==> flow/design.v <==
module u_reg_bank_p #(
    parameter NUM_REGS = 12,
    parameter DW = 32,
    parameter IDX_W = $clog2(NUM_REGS)
) (
    input  ck,
    input  [IDX_W-1:0] addr,
    input  load,
    input  [DW-1:0] din,
    output reg [DW-1:0] dout
);
    reg [DW-1:0] regs [0:NUM_REGS-1];
    always @(posedge ck)
        if (load) regs[addr] <= din;
    always @(posedge ck)
        dout <= regs[addr];
endmodule
From RTL to reports: u_reg_bank_p
Tool output for the design above, in the order of the flow.
Line numbers count from 1 in the design file above.
Operators: Yosys type, input widths -> output width; for muxes data width and select width s.
Cell names lack the library's common part.
The mark -- stands for no value.

inputs
  top = u_reg_bank_p
  clock input = ck
  library = sky130hd
  timing corner = tt_025C_1v80

Elaborated design
Counts by Yosys on the flattened word-level netlist (proc, flatten, opt, wreduce; memories kept). Register bits leave out memories and registers merged into their read ports (data or address); mux counts leave out enables and synchronous resets folded into registers. Print and check cells are left out. Cells with the same type and inputs are merged into one.
Yosys's memory passes give these memory sizes; they may raise the number of words (mostly to a power of two), join words into wider ones and drop unused or constant bits.

storage and ports
  bits in latches = 0
  memory bits (read-only) = 0
  word-level cells = 4
  RAM bits = 384
  word width x clocked read ports = 32
  bits in registers = 0
  input bits = 38
  memories = 1

memories
  name  depth  bits a word  rd ports  write ports  line  RTL
  regs  12     32           1         1            12    reg [DW-1:0] regs [0:NUM_REGS-1];

operators by class
  equal/unequal tests = 0
  muxes and demuxes = 3
  $mul = 0
  shift-type cells = 0
  divide/modulo/power cells = 0
  reduce/logical cells = 0
  add/sub/neg operators = 0
  bitwise logic cells = 0
  magnitude comparators = 0

operators with widths
  kind     count
  $mux 32  1
  $mux 4   1
  $mux 1   1

Logic depth
Yosys ltp: most cells in a row. Word level: on the elaborated netlist, between registers, memories and ports. Mapped: between sequential cells and ports; inverters and the memories' decode and read muxes count.

logic depth
  word-level depth = 1
  ABC_AREA = 0
  depth in mapped cells = 6
  mapped depth without buffers = 3

Mapped cells and area
The flow's flattened synthesis, as Yosys stat reports it; memories are mapped. The netlist is that of the ABC_AREA named above (0 if unset); the other value can give another one.

cell types
  type      count  total area (um^2)
  edfxtp_1  384    1.15E+04
  mux2_2    64     720.691
  mux4_2    32     720.691
  dfxtp_1   32     640.614
  mux2i_1   64     640.614
  a22o_1    32     280.269
  o31ai_1   31     232.723
  o22ai_1   32     200.192
  nand2_1   34     127.622
  buf_8     8      120.115
  buf_6     8      90.086
  clkbuf_1  17     63.811
  nor2_1    10     37.536
  buf_2     5      25.024
  nand2b_1  3      18.768
  buf_1     4      15.014
  nand3b_1  2      15.014
  nor3_1    3      15.014

Not listed: further types 4, cells in them 4.

synthesis totals
  chip area (Yosys) = 15529.9 um^2
  sequential area = 12171.7 um^2
  cells in the netlist = 769
  flip-flops = 416

Worst setup path after synthesis
OpenSTA on the mapped netlist: ideal clock, no wires. The path of least setup slack (recovery checks aside). Input and output delay are each 20% of the period. Register names are those of the netlist, which keeps one name where synthesis merged equal registers.

timing path post-synthesis
  kind = input port to flip-flop
  start point = input addr[2]
  end point = memory regs[0][0]
  time at the first pin = 0.994 ns
  data arrival time = 3.712 ns
  delay of the path = 3.179 ns
  external input delay = 0.994 ns
  data required time = 4.509 ns
  path buffers = 0
  period = 4.97 ns
  setup time = 0.461 ns
  stages on the path = 2
  path slack = 0.796 ns
  period reached after synthesis = 4.174 ns

"delay of the path" = arrival - input delay + setup time.
"stages on the path" counts driving pins, that of a launching flip-flop among them; a cell with two outputs on the path counts twice.
"period reached after synthesis" is the clock period less the worst setup slack; recovery checks do not enter. This is arithmetic on one report: input and output delays are still those of the set period (20% each).
Between the ends stands the longest chain of elaborated cells between them, by number of cells; it is not shown to be the way that was timed. Of several equally long chains one is given.
Each line given opens the expression or statement behind the cell; cells for indexed reads and writes are added by Yosys, which also makes memories of some case tables.

between the ends, post-synthesis
  cells stage by stage = or3b_2 -> nor3_1
  length of the longest elaborated chain = 1
  elaborated cells between the ends (all ways) = 1

ends and longest elaborated chain, post-synthesis
  item         line  RTL
  from (decl)  7     input  [IDX_W-1:0] addr,
  $mux 4       14    if (load) regs[addr] <= din;
  to (decl)    12    reg [DW-1:0] regs [0:NUM_REGS-1];

Worst path after layout
From the final timing report of run A: the path of least setup slack in the routed layout; clock arrival at registers is part of the times.

timing path after layout
  kind = flip-flop to output port
  start point = register dout[1]
  end point = output dout[1]
  stages on the path = 2
  path slack = 0.36 ns
  data required time = 1.92 ns
  data arrival time = 1.56 ns
  time at the first pin = 0.57 ns
  external output delay = 0.48 ns
  period = 2.4 ns
  path buffers = 1

between the ends, after layout
  cells stage by stage = dfxtp_1 -> clkdlybuf4s50_1
  length of the longest elaborated chain = 0
  elaborated cells between the ends (all ways) = 0

ends and longest elaborated chain, after layout
  item         line  RTL
  from (decl)  10    output reg [DW-1:0] dout
  to (decl)    10

Subject: u_reg_bank_p on sky130hd, stored results

Hello all,

Measured data: module u_reg_bank_p, platform sky130hd, 3 stored runs of the flow under differing settings, order arbitrary. Input and output delays are each 20% of the period that was set; the output load is 0.01 pF.
"achieved clock period (ns)" means the clock period less the worst setup slack. The figure is calculated, with input and output delays left at 20% of the set period.
"worst setup path time (ns)": the worst setup path's part of the clock period (all of it between registers, 20% less for each end at a port) less its slack. A launch clock that arrives late makes it longer, a capture clock that arrives late makes it shorter.
"finish__power__total" rests on the timing tool's default activity at the inputs, not on a simulated workload.

settings of run A
{
  "period_ns": 2.4,
  "CORE_UTILIZATION": 24,
  "SETUP_SLACK_MARGIN": -0.11,
  "PLACE_DENSITY_LB_ADDON": 0.27,
  "TNS_END_PERCENT": 80,
  "MIN_ROUTING_LAYER": "met2",
  "MAX_ROUTING_LAYER": "met5",
  "CAP_MARGIN": 20,
  "CORE_MARGIN": 2,
  "SLEW_MARGIN": 20
}
report of run A
yosys chip area after synthesis (um^2): 15529.9
finish__design__die__area: 66757.6
finish__design__instance__area__stdcell: 19132.1
finish__design__instance__utilization: 0.2979
finish__timing__setup__ws: 0.358
finish__timing__setup__tns: 0.000
finish__timing__hold__ws: 0.556
finish__power__total: 1.565e-02
achieved clock period (ns): 2.042
worst setup path time (ns): 1.56
worst setup path kind: flip-flop to output port

settings of run B
{
  "period_ns": 7.86,
  "CORE_UTILIZATION": 28,
  "PLACE_DENSITY_LB_ADDON": 0.12,
  "CORE_MARGIN": 3,
  "CELL_PAD_IN_SITES_GLOBAL_PLACEMENT": 1,
  "TNS_END_PERCENT": 40,
  "CTS_CLUSTER_SIZE": 85,
  "CAP_MARGIN": 35,
  "MIN_ROUTING_LAYER": "met1",
  "SLEW_MARGIN": 20
}
report of run B
yosys chip area after synthesis (um^2): 15529.9
finish__design__die__area: 58324.7
finish__design__instance__area__stdcell: 18746.7
finish__design__instance__utilization: 0.3450
finish__timing__setup__ws: 4.189
finish__timing__setup__tns: 0.000
finish__timing__hold__ws: 0.657
finish__power__total: 4.932e-03
achieved clock period (ns): 3.671
worst setup path time (ns): 2.10
worst setup path kind: input port to flip-flop

settings of run C
{
  "period_ns": 4.97,
  "CAP_MARGIN": 20,
  "CORE_MARGIN": 2,
  "CORE_UTILIZATION": 40,
  "SLEW_MARGIN": 20
}
report of run C
yosys chip area after synthesis (um^2): 15529.9
finish__design__die__area: 40417.1
finish__design__instance__area__stdcell: 18340.1
finish__design__instance__utilization: 0.4768
finish__timing__setup__ws: 1.862
finish__timing__setup__tns: 0.000
finish__timing__hold__ws: 0.660
finish__power__total: 7.630e-03
achieved clock period (ns): 3.108
worst setup path time (ns): 2.11
worst setup path kind: input port to flip-flop

Thanks
